==> flow/design.v <==
module word #(parameter N = 8) (
  input wire clk,
  input wire en,
  input wire [N-1:0] d,
  output reg [N-1:0] q
);
  always @(posedge clk)
    if (en) q <= d;
endmodule
module dp_mem_blk #(
  parameter DEPTH = 96,
  parameter NBITS = 6,
  parameter RP = 3,
  parameter ABITS = $clog2(DEPTH)
) (
  input  wire core_clk,
  input  wire rst_i,
  input  wire wr_en,
  input  wire [ABITS-1:0] write_addr,
  input  wire [NBITS-1:0] write_data,
  input  wire [RP*ABITS-1:0] read_addr,
  output reg [RP*NBITS-1:0] rd_data
);
  reg wr_en_reg;
  always @(posedge core_clk) begin
    if (rst_i) begin
      wr_en_reg <= 1'b0;
    end else begin
      wr_en_reg <= wr_en;
    end
  end
  reg [ABITS-1:0] write_addr_reg;
  always @(posedge core_clk) begin
    if (rst_i) begin
      write_addr_reg <= 0;
    end else begin
      write_addr_reg <= write_addr;
    end
  end
  reg [NBITS-1:0] write_data_reg;
  always @(posedge core_clk) begin
    if (rst_i) begin
      write_data_reg <= 0;
    end else begin
      write_data_reg <= write_data;
    end
  end
  wire [DEPTH*NBITS-1:0] bank;
  genvar g;
  generate
    for (g = 0; g < DEPTH; g = g + 1) begin : each
      word #(.N(NBITS)) u (.clk(core_clk), .en(wr_en_reg && write_addr_reg == g), .d(write_data_reg), .q(bank[g*NBITS +: NBITS]));
    end
  endgenerate
  reg [RP*ABITS-1:0] read_addr_reg;
  always @(posedge core_clk) begin
    if (rst_i) begin
      read_addr_reg <= 0;
    end else begin
      read_addr_reg <= read_addr;
    end
  end
  wire [RP*NBITS-1:0] work;
  genvar m;
  generate
    for (m = 0; m < RP; m = m + 1) begin : u_g
      assign work[m*NBITS +: NBITS] = bank[read_addr_reg[m*ABITS +: ABITS]*NBITS +: NBITS];
    end
  endgenerate
  always @(posedge core_clk) begin
    if (rst_i) begin
      rd_data <= 0;
    end else begin
      rd_data <= work;
    end
  end
endmodule
Step by step through the tools: dp_mem_blk
The steps from the RTL of dp_mem_blk to its reports follow in flow order.
Line numbers count from 1 in the design file above.
Operators carry their Yosys type and port widths (W data, S select, Z words).
Library cell names are shortened.
{"block": "design", "top": "dp_mem_blk", "clock_port": "core_clk", "cell_library": "sky130hd", "lib_corner": "tt_025C_1v80"}

Word-level counts
Yosys after proc, flatten, opt, wreduce and memory -nomap, before mapping. Enables and synchronous resets that opt folds into registers are not counted as muxes. Memory bits, and registers merged into a memory's read port (data or address), are not among the register bits. Print and check cells are not counted. Equal cells are merged and count once.
{"block": "op_classes", "shifts": 3, "reduce_and_logical": 97, "eq_ne": 95, "multipliers": 3}
{"block": "ops", "operator": "$shiftx A576 B11 Y6", "count": 3}
{"block": "ops", "operator": "$eq A7 B6 Y1 const B", "count": 32}
{"block": "ops", "operator": "$eq A7 B7 Y1 const B", "count": 32}
{"block": "ops", "operator": "$eq A7 B5 Y1 const B", "count": 16}
{"block": "ops", "operator": "$logic_and A1 B1 Y1", "count": 96}
{"block": "ops", "operator": "$eq A7 B4 Y1 const B", "count": 8}
{"block": "ops", "operator": "$mul A7 B2 Y9 const B", "count": 3}
{"block": "ops", "operator": "$eq A7 B3 Y1 const B", "count": 4}
{"block": "ops", "operator": "$eq A7 B2 Y1 const B", "count": 2}
{"block": "ops", "operator": "$eq A7 B1 Y1 const B", "count": 1}
{"block": "ops", "operator": "$logic_not A7 Y1", "count": 1}
{"block": "word_totals", "output_inout_bits": 18, "reg_bits": 629, "input_bits": 37}

Logic depth
Yosys ltp: most cells in a row. Word level: on the elaborated netlist, between registers, memories and ports. Mapped: between sequential cells and ports; inverters and the memories' decode and read muxes count.
{"block": "logic_depth", "ltp_word": 2, "ABC_AREA": 0, "mapped_depth": 9, "ltp_nobuf": 5}

Netlist
The flow's flattened synthesis, as Yosys stat reports it; memories are mapped. The netlist is that of the ABC_AREA named above (0 if unset); the other value can give another one.
Totals and module areas in this step are rounded.
{"block": "types", "type": "edfxtp_1", "count": 576, "area_total_um2": 1.73E+04}
{"block": "types", "type": "mux4_2", "count": 427, "area_total_um2": 9.62E+03}
{"block": "types", "type": "mux2i_1", "count": 107, "area_total_um2": 1.07E+03}
{"block": "types", "type": "dfxtp_1", "count": 53, "area_total_um2": 1.06E+03}
{"block": "types", "type": "nor2_1", "count": 123, "area_total_um2": 461.693}
{"block": "types", "type": "buf_4", "count": 49, "area_total_um2": 367.853}
{"block": "types", "type": "nor2b_1", "count": 54, "area_total_um2": 337.824}
{"block": "types", "type": "a22oi_1", "count": 36, "area_total_um2": 270.259}
{"block": "types", "type": "buf_2", "count": 54, "area_total_um2": 270.259}
{"block": "types", "type": "mux4_1", "count": 9, "area_total_um2": 236.477}
{"block": "types", "type": "nand2_1", "count": 62, "area_total_um2": 232.723}
{"block": "types", "type": "mux2_2", "count": 18, "area_total_um2": 202.694}
{"block": "types", "type": "nand3_1", "count": 38, "area_total_um2": 190.182}
{"block": "types", "type": "clkbuf_1", "count": 39, "area_total_um2": 146.39}
{"block": "types", "type": "a211oi_1", "count": 15, "area_total_um2": 112.608}
{"block": "types", "type": "o21ai_0", "count": 22, "area_total_um2": 110.106}
{"block": "types", "type": "o22ai_1", "count": 17, "area_total_um2": 106.352}
{"block": "types", "type": "nand3b_1", "count": 13, "area_total_um2": 97.594}
Not listed: further types 37, cells in them 162.
{"block": "synth_totals", "synth_area_um2": 33000, "stdcells": 1874, "ffs": 629}
By module: a second synthesis without flattening, with its own total; a netlist apart from the flattened one above.
{"block": "hier_totals", "cells_unflattened": 1886, "area_unflattened_um2": 33000}
Rows give one instance, submodules left out.
{"block": "modules", "mod": "word #(N=6)", "n_inst": 96, "area_um2": 180, "mod_seq_area_um2": 180, "cells": 6}
{"block": "modules", "mod": "dp_mem_blk", "n_inst": 1, "area_um2": 16000, "mod_seq_area_um2": 1100, "cells": 1310}

Timing after synthesis
Path of least setup slack by OpenSTA after synthesis, without wires, with an ideal clock, recovery checks aside; 20% of the period is set as input and as output delay. Where synthesis merged equal registers, the netlist keeps one of their names.
{"block": "synth_path", "kind": "register to register", "from": "register read_addr_reg[1]", "to": "register rd_data[2]", "path_delay_ns": 2.155, "required_time_ns": 2.565, "n_path_buf": 3, "setup_time_ns": 0.125, "setup_slack_ns": 0.534, "tclk_ns": 2.69, "arrival_time_ns": 2.030, "stages": 9, "period_less_setup_slack_ns": 2.156}
"path_delay_ns" = arrival - input delay + setup time.
"stages" counts driving pins, that of a launching flip-flop among them; a cell with two outputs on the path counts twice.
"period_less_setup_slack_ns" is the clock period less the worst setup slack; recovery checks do not enter. This is arithmetic on one report: input and output delays are still those of the set period (20% each).
The rows between start and end are the longest chain of elaborated cells between them; the timing report does not say that the signal goes this way. Where chains are equally long, one stands for them.
A line is the first line of the expression or statement that the cell stems from. Yosys adds cells for indexed reads and writes and turns some case tables into memories.
{"block": "synth_via", "path_cell_list": "dfxtp_1 > buf_2 > buf_2 > buf_2 > mux4_2 > a22oi_1 > nand3_1 > a32oi_1 > o21ai_0", "elab_chain_len": 2}
{"block": "synth_lines", "element": "start, declared", "line": 55, "source": "reg [RP*ABITS-1:0] read_addr_reg;"}
{"block": "synth_lines", "element": "start, assigned", "line": 58, "source": "read_addr_reg <= 0;"}
{"block": "synth_lines", "element": "start, assigned", "line": 60, "source": "read_addr_reg <= read_addr;"}
{"block": "synth_lines", "element": "$mul A7 B2 Y9", "line": 67, "source": "assign work[m*NBITS +: NBITS] = bank[read_addr_reg[m*ABITS +: ABITS]*NBITS +: NBITS];"}
{"block": "synth_lines", "element": "$shiftx A576 B11 Y6", "line": 67}
{"block": "synth_lines", "element": "end, assigned", "line": 72, "source": "rd_data <= 0;"}
{"block": "synth_lines", "element": "end, assigned", "line": 74, "source": "rd_data <= work;"}
{"block": "synth_lines", "element": "end, declared", "line": 22, "source": "output reg [RP*NBITS-1:0] rd_data"}

Timing after layout
From the final timing report of entry A: the path of least setup slack in the routed layout; clock arrival at registers is part of the times.
{"block": "layout_path", "kind": "register to register", "from": "register read_addr_reg[7]", "to": "register rd_data[10]", "setup_slack_ns": 0.00, "n_path_buf": 1, "arrival_time_ns": 3.20, "required_time_ns": 3.20, "setup_time_ns": 0.12, "tclk_ns": 2.69, "stages": 6}
The rows between start and end are the longest chain of elaborated cells between them; the timing report does not say that the signal goes this way. Where chains are equally long, one stands for them.
{"block": "layout_via", "path_cell_list": "dfxtp_4 > mux4_1 > mux4_2 > o21ai_1 > buf_4 > or4b_1", "elab_chain_len": 2}
{"block": "layout_lines", "element": "start, declared", "line": 55, "source": "reg [RP*ABITS-1:0] read_addr_reg;"}
{"block": "layout_lines", "element": "start, assigned", "line": 58, "source": "read_addr_reg <= 0;"}
{"block": "layout_lines", "element": "start, assigned", "line": 60, "source": "read_addr_reg <= read_addr;"}
{"block": "layout_lines", "element": "$mul A7 B2 Y9", "line": 67, "source": "assign work[m*NBITS +: NBITS] = bank[read_addr_reg[m*ABITS +: ABITS]*NBITS +: NBITS];"}
{"block": "layout_lines", "element": "$shiftx A576 B11 Y6", "line": 67}
{"block": "layout_lines", "element": "end, assigned", "line": 72, "source": "rd_data <= 0;"}
{"block": "layout_lines", "element": "end, assigned", "line": 74, "source": "rd_data <= work;"}
{"block": "layout_lines", "element": "end, declared", "line": 22, "source": "output reg [RP*NBITS-1:0] rd_data"}

Add stored flow runs of dp_mem_blk

3 stored runs of dp_mem_blk in the flow (synthesis by Yosys, layout by OpenROAD, sky130hd cells), in arbitrary order. Constraints: input delay and output delay 20% of the set period each, output load 0.01 pF.
"period_less_ws_ns" means the clock period less the worst setup slack. The figure is calculated, with input and output delays left at 20% of the set period.
"timing.worst_path_ns" = time allowed to the worst setup path (clock period - input delay - output delay, where it has them) - its slack; a late launch clock adds to it, a late capture clock takes from it.
"total_power_uw": no workload was simulated; the value follows from the tool's default switching activity.
The measured numbers are rounded.

Entry A
==> flow/run.sh <==
#!/bin/bash
# the make line also repeats the synthesis and layout settings of config.mk as NAME=value (left out here)
make -C /OpenROAD-flow-scripts/flow DESIGN_CONFIG=/design/flow/config.mk WORK_HOME=/design/flow/orfs CLKGATE_MAP_FILE= finish
==> flow/config.mk <==
export PLATFORM = sky130hd
export DESIGN_NAME = dp_mem_blk
export DESIGN_NICKNAME = dp_mem_blk
export VERILOG_FILES = /design/flow/design.v
export SDC_FILE = /design/flow/constraint.sdc
export NUM_CORES = 4
export LEC_CHECK = 0
export CAP_MARGIN = 20
export CORE_MARGIN = 2
export CORE_UTILIZATION = 40
export SLEW_MARGIN = 20
==> flow/constraint.sdc <==
create_clock -name core_clock -period 2.69 [get_ports {core_clk}]
set_input_delay 0.5380 -clock core_clock [delete_from_list [all_inputs] [get_ports {core_clk}]]
set_output_delay 0.5380 -clock core_clock [all_outputs]
set_load 0.01 [all_outputs]

==> results of entry A, as JSON <==
{
  "timing.hold.ws_ns": 0.45,
  "setup_tns_ns": -0.001,
  "timing.worst_path_ns": 2.69,
  "worstPathKind": "register to register",
  "timing.setup.ws_ns": -0.001,
  "period_less_ws_ns": 2.691,
  "finalUtil_pct": 48,
  "total_power_uw": 23000,
  "finalCellArea_um2": 40000,
  "synth_chip_area_um2": 33000,
  "design_die_area_um2": 86000
}

Entry B
==> flow/run.sh <==
#!/bin/bash
# the make line also repeats the synthesis and layout settings of config.mk as NAME=value (left out here)
make -C /OpenROAD-flow-scripts/flow DESIGN_CONFIG=/design/flow/config.mk WORK_HOME=/design/flow/orfs CLKGATE_MAP_FILE= finish
==> flow/config.mk <==
export PLATFORM = sky130hd
export DESIGN_NAME = dp_mem_blk
export DESIGN_NICKNAME = dp_mem_blk
export VERILOG_FILES = /design/flow/design.v
export SDC_FILE = /design/flow/constraint.sdc
export NUM_CORES = 4
export LEC_CHECK = 0
export CAP_MARGIN = 20
export CELL_PAD_IN_SITES_GLOBAL_PLACEMENT = 0
export CORE_ASPECT_RATIO = 0.82
export CORE_MARGIN = 2
export CORE_UTILIZATION = 33
export CTS_CLUSTER_DIAMETER = 31
export CTS_CLUSTER_SIZE = 30
export GPL_ROUTABILITY_DRIVEN = 0
export MIN_ROUTING_LAYER = met1
export SETUP_SLACK_MARGIN = 0.33
export SLEW_MARGIN = 40
export TNS_END_PERCENT = 45
==> flow/constraint.sdc <==
create_clock -name core_clock -period 3.29 [get_ports {core_clk}]
set_input_delay 0.6580 -clock core_clock [delete_from_list [all_inputs] [get_ports {core_clk}]]
set_output_delay 0.6580 -clock core_clock [all_outputs]
set_load 0.01 [all_outputs]

==> results of entry B, as JSON <==
{
  "timing.hold.ws_ns": 0.35,
  "setup_tns_ns": 0.000,
  "timing.worst_path_ns": 3.10,
  "worstPathKind": "register to register",
  "timing.setup.ws_ns": 0.19,
  "period_less_ws_ns": 3.101,
  "finalUtil_pct": 41,
  "total_power_uw": 23000,
  "finalCellArea_um2": 41000,
  "synth_chip_area_um2": 33000,
  "design_die_area_um2": 100000
}

Entry C
==> flow/run.sh <==
#!/bin/bash
# the make line also repeats the synthesis and layout settings of config.mk as NAME=value (left out here)
make -C /OpenROAD-flow-scripts/flow DESIGN_CONFIG=/design/flow/config.mk WORK_HOME=/design/flow/orfs CLKGATE_MAP_FILE= finish
==> flow/config.mk <==
export PLATFORM = sky130hd
export DESIGN_NAME = dp_mem_blk
export DESIGN_NICKNAME = dp_mem_blk
export VERILOG_FILES = /design/flow/design.v
export SDC_FILE = /design/flow/constraint.sdc
export NUM_CORES = 4
export LEC_CHECK = 0
export CAP_MARGIN = 20
export CELL_PAD_IN_SITES_DETAIL_PLACEMENT = 0
export CELL_PAD_IN_SITES_GLOBAL_PLACEMENT = 3
export CORE_ASPECT_RATIO = 0.68
export CORE_MARGIN = 2
export CORE_UTILIZATION = 28
export CTS_CLUSTER_SIZE = 98
export MIN_ROUTING_LAYER = met1
export PLACE_DENSITY_LB_ADDON = 0.18
export SETUP_SLACK_MARGIN = -0.22
export SLEW_MARGIN = 20
==> flow/constraint.sdc <==
create_clock -name core_clock -period 3.9 [get_ports {core_clk}]
set_input_delay 0.7800 -clock core_clock [delete_from_list [all_inputs] [get_ports {core_clk}]]
set_output_delay 0.7800 -clock core_clock [all_outputs]
set_load 0.01 [all_outputs]

==> results of entry C, as JSON <==
{
  "timing.hold.ws_ns": 0.53,
  "setup_tns_ns": 0.000,
  "timing.worst_path_ns": 3.37,
  "worstPathKind": "register to register",
  "timing.setup.ws_ns": 0.53,
  "period_less_ws_ns": 3.369,
  "finalUtil_pct": 33,
  "total_power_uw": 17000,
  "finalCellArea_um2": 39000,
  "synth_chip_area_um2": 33000,
  "design_die_area_um2": 120000
}
